==> flow/design.v <==
module ex_mult #(
  parameter integer BITS = 20,
  parameter integer SCALE = 11585,
  parameter integer RES_W = BITS + $clog2(SCALE + 1)
) (
  input  logic core_clk,
  input  logic [BITS-1:0] u,
  output logic [RES_W-1:0] res
);
  logic [BITS-1:0] u_s;
  always_ff @(posedge core_clk)
    u_s <= u;
  always_ff @(posedge core_clk)
    res <= u_s * SCALE;
endmodule
======== From RTL to reports: ex_mult ========
Tool output for the design above, in the order of the flow.
Lines are those of the file above, counted from 1.
Library cell names are shortened.
The mark -- stands for no value.
set-up
  top ..................................... ex_mult
  clock input ............................. core_clk
  library ................................. sky130hd
  timing corner ........................... tt_025C_1v80

======== Elaborated design ========
Source: Yosys, flattened and elaborated, memories not mapped. Widths are those after wreduce; folded enables and synchronous resets count as part of the registers. Registers that Yosys merges into a memory's read port (data or address) are not register bits. Print and check cells do not count. Equal cells are merged and count once.
word-level totals
  register bits after elaboration ......... 54
  bits in latches ......................... 0
  bits in writable memories ............... 0
  memory bits (read-only) ................. 0
  clocked read ports x word width ......... 0
  memories ................................ 0
  output and inout bits ................... 34
operators by class
  add/subtract/negate cells ............... 0
  multiply operators ...................... 1
  div/mod/pow operators ................... 0
  order comparisons ....................... 0
  eq/ne operators ......................... 0
  shift-type cells ........................ 0
  muxes and demuxes ....................... 0
  bitwise logic cells ..................... 0
  reduce/logical cells .................... 0
operators by type and width
  cell                                                  count
  multiplier 20 x 14 -> 34 bit (second input constant)  1

======== Logic depth ========
Yosys ltp: most cells in a row. Word level: on the elaborated netlist, between registers, memories and ports. Mapped: between sequential cells and ports; inverters and the memories' decode and read muxes count.
logic depth
  depth after elaboration ................. 1
  ABC_AREA ................................ 0
  depth in mapped cells ................... 19

======== After synthesis ========
Yosys stat after the flow's synthesis: flattened, memories mapped to cells. It holds for the ABC_AREA given above (unset counts as 0); a run with the other value may have another netlist.
The area totals of this step are shown rounded.
synthesis totals
  standard cells after synthesis .......... 513
  mapped area ............................. 5200 sq um
  mapped flip-flops ....................... 54
  buffers ................................. 4
cells by type
  type      count  total area (sq um)
  ha_1      118    1.48E+03
  fa_1      59     1.18E+03
  dfxtp_1   54     1.08E+03
  inv_1     119    446.678
  a21oi_1   31     155.149
  xnor2_1   17     148.893
  xor2_1    10     87.584
  nand2_1   20     75.072
  a21o_1    9      67.565
  o21ai_0   13     65.062
  nor2_1    16     60.058
  o21bai_1  4      30.029
  a31o_2    3      26.275
  nand4_1   4      25.024
  a211oi_1  3      22.522
  o211ai_1  3      22.522
  o21a_1    3      22.522
  o311a_4   1      21.27
Not listed: further types 17, cells in them 26.

======== Path before layout ========
OpenSTA on the mapped netlist: ideal clock, no wires. The path of least setup slack (recovery checks aside). Input and output delay are each 20% of the period. Register names are those of the netlist, which keeps one name where synthesis merged equal registers.
timing post-synthesis
  kind .................................... reg-to-reg
  from .................................... reg u_s[7]
  to ...................................... reg res[26]
  period .................................. 5.89 ns
  setup time .............................. 0.125 ns
  time at the first pin ................... 0.000 ns
  data arrival time ....................... 4.587 ns
  setup slack ............................. 1.178 ns
  path delay .............................. 4.712 ns
  stages on the path ...................... 19
  period reached after synthesis .......... 4.712 ns
"path delay" is the arrival time less input delay plus setup time.
"stages on the path": output pins that drive a net of the path, with the launching flip-flop's if there is one; two outputs of one cell count as two.
"period reached after synthesis" = period - worst setup slack (recovery checks aside). The figure is calculated, with input and output delays left at 20% of the set period.
Between the ends stands the longest chain of elaborated cells between them, by number of cells; it is not shown to be the way that was timed. Of several equally long chains one is given.
A line is the first line of the expression or statement that the cell stems from. Yosys adds cells for indexed reads and writes and turns some case tables into memories.
on the way, post-synthesis
  cells stage by stage .................... dfxtp_1 -> ha_1 -> inv_1 -> fa_1 -> inv_1 -> fa_1 -> fa_1 -> ha_1 -> inv_1 -> fa_1 -> inv_1 -> ha_1 -> a21oi_1 -> o21ai_0 -> or3_1 -> o211ai_1 -> nand2b_1 -> a21oi_1 -> xnor2_1
  cells in the longest elaborated chain ... 1
  elaborated cells on any way between the ends .. 1
  RTL lines with such cells ............... 1
ends and longest elaborated chain, post-synthesis
  item                          RTL line  source
  from (decl)                   10        logic [BITS-1:0] u_s;
  from (assign)                 12        u_s <= u;
  multiplier 20 x 14 -> 34 bit  14        res <= u_s * SCALE;
  to (assign)                   14
  to (decl)                     8         output logic [RES_W-1:0] res

======== Path in the finished layout ========
Path of least setup slack in the final report of entry B (OpenROAD, finished layout, wires in). Where an end is a register, its clock arrival counts in the times.
timing after layout
  kind .................................... reg-to-reg
  from .................................... reg u_s[1]
  to ...................................... reg res[26]
  period .................................. 5.89 ns
  setup time .............................. 0.06 ns
  time at the first pin ................... 0.30 ns
  data arrival time ....................... 5.54 ns
  setup slack ............................. 0.58 ns
  stages on the path ...................... 19
Between the ends stands the longest chain of elaborated cells between them, by number of cells; it is not shown to be the way that was timed. Of several equally long chains one is given.
on the way, after layout
  cells stage by stage .................... dfxtp_1 -> ha_1 -> inv_1 -> fa_1 -> inv_1 -> fa_1 -> fa_1 -> ha_1 -> inv_1 -> fa_1 -> inv_1 -> ha_1 -> a21oi_1 -> o21ai_0 -> or3_1 -> o211ai_1 -> nand2b_1 -> a21oi_1 -> xnor2_1
  cells in the longest elaborated chain ... 1
  elaborated cells on any way between the ends .. 1
  RTL lines with such cells ............... 1
ends and longest elaborated chain, after layout
  item                          RTL line  source
  from (decl)                   10        logic [BITS-1:0] u_s;
  from (assign)                 12        u_s <= u;
  multiplier 20 x 14 -> 34 bit  14        res <= u_s * SCALE;
  to (assign)                   14
  to (decl)                     8         output logic [RES_W-1:0] res

Data sheet: physical implementation of ex_mult

Settings and measured results of 3 stored flow runs for module ex_mult (sky130hd), not sorted in any way. The constraints put input and output delay at 20% of the set period each and load the outputs with 0.01 pF.
"reached clock period" means the clock period less the worst setup slack. The figure is calculated, with input and output delays left at 20% of the set period.
"time used up by the worst setup path" is the time allowed to the run's worst setup path (the clock period less input and output delay, where it has them) less its slack. Clock arrival times count: a late capture clock shortens it, a late launch clock lengthens it.
Measured values are rounded.

======== entry A ========
==> flow/run.sh <==
#!/bin/bash
# the make line also repeats the synthesis and layout settings of config.mk as NAME=value (left out here)
make -C /OpenROAD-flow-scripts/flow DESIGN_CONFIG=/design/flow/config.mk WORK_HOME=/design/flow/orfs CLKGATE_MAP_FILE= finish
==> flow/config.mk <==
export PLATFORM = sky130hd
export DESIGN_NAME = ex_mult
export DESIGN_NICKNAME = ex_mult
export VERILOG_FILES = /design/flow/design.v
export SDC_FILE = /design/flow/constraint.sdc
export NUM_CORES = 4
export LEC_CHECK = 0
export CAP_MARGIN = 5
export CELL_PAD_IN_SITES_GLOBAL_PLACEMENT = 3
export CORE_MARGIN = 2
export CORE_UTILIZATION = 56
export CTS_CLUSTER_DIAMETER = 227
export CTS_CLUSTER_SIZE = 60
export GPL_TIMING_DRIVEN = 0
export MIN_ROUTING_LAYER = met1
export PLACE_DENSITY = 0.76
export SETUP_SLACK_MARGIN = 1.01
export SLEW_MARGIN = 20
==> flow/constraint.sdc <==
create_clock -name core_clock -period 5.35 [get_ports {core_clk}]
set_input_delay 1.0700 -clock core_clock [delete_from_list [all_inputs] [get_ports {core_clk}]]
set_output_delay 1.0700 -clock core_clock [all_outputs]
set_load 0.01 [all_outputs]

-------- entry A --------
  did not finish, placement stopped with GPL-0301

======== entry B ========
==> flow/run.sh <==
#!/bin/bash
# the make line also repeats the synthesis and layout settings of config.mk as NAME=value (left out here)
make -C /OpenROAD-flow-scripts/flow DESIGN_CONFIG=/design/flow/config.mk WORK_HOME=/design/flow/orfs CLKGATE_MAP_FILE= finish
==> flow/config.mk <==
export PLATFORM = sky130hd
export DESIGN_NAME = ex_mult
export DESIGN_NICKNAME = ex_mult
export VERILOG_FILES = /design/flow/design.v
export SDC_FILE = /design/flow/constraint.sdc
export NUM_CORES = 4
export LEC_CHECK = 0
export CAP_MARGIN = 20
export CORE_MARGIN = 2
export CORE_UTILIZATION = 40
export SLEW_MARGIN = 20
==> flow/constraint.sdc <==
create_clock -name core_clock -period 5.89 [get_ports {core_clk}]
set_input_delay 1.1780 -clock core_clock [delete_from_list [all_inputs] [get_ports {core_clk}]]
set_output_delay 1.1780 -clock core_clock [all_outputs]
set_load 0.01 [all_outputs]

-------- measured, entry B --------
  mapped cell area after synthesis ........ 5200 sq um
  total die area .......................... 14000 sq um
  post-route utilization .................. 48 %
  worst slack on setup checks ............. 0.58 ns
  reached clock period .................... 5.306 ns
  time used up by the worst setup path .... 5.31 ns
  worst setup path kind ................... reg-to-reg

======== entry C ========
==> flow/run.sh <==
#!/bin/bash
# the make line also repeats the synthesis and layout settings of config.mk as NAME=value (left out here)
make -C /OpenROAD-flow-scripts/flow DESIGN_CONFIG=/design/flow/config.mk WORK_HOME=/design/flow/orfs CLKGATE_MAP_FILE= finish
==> flow/config.mk <==
export PLATFORM = sky130hd
export DESIGN_NAME = ex_mult
export DESIGN_NICKNAME = ex_mult
export VERILOG_FILES = /design/flow/design.v
export SDC_FILE = /design/flow/constraint.sdc
export NUM_CORES = 4
export LEC_CHECK = 0
export CAP_MARGIN = 20
export CORE_MARGIN = 7
export CORE_UTILIZATION = 18
export CTS_CLUSTER_SIZE = 15
export GPL_ROUTABILITY_DRIVEN = 0
export PLACE_DENSITY_LB_ADDON = 0.05
export SETUP_SLACK_MARGIN = -0.29
export SLEW_MARGIN = 20
==> flow/constraint.sdc <==
create_clock -name core_clock -period 6.75 [get_ports {core_clk}]
set_input_delay 1.3500 -clock core_clock [delete_from_list [all_inputs] [get_ports {core_clk}]]
set_output_delay 1.3500 -clock core_clock [all_outputs]
set_load 0.01 [all_outputs]

-------- measured, entry C --------
  mapped cell area after synthesis ........ 5200 sq um
  total die area .......................... 34000 sq um
  post-route utilization .................. 22 %
  worst slack on setup checks ............. 1.3 ns
  reached clock period .................... 5.419 ns
  time used up by the worst setup path .... 5.42 ns
  worst setup path kind ................... reg-to-reg
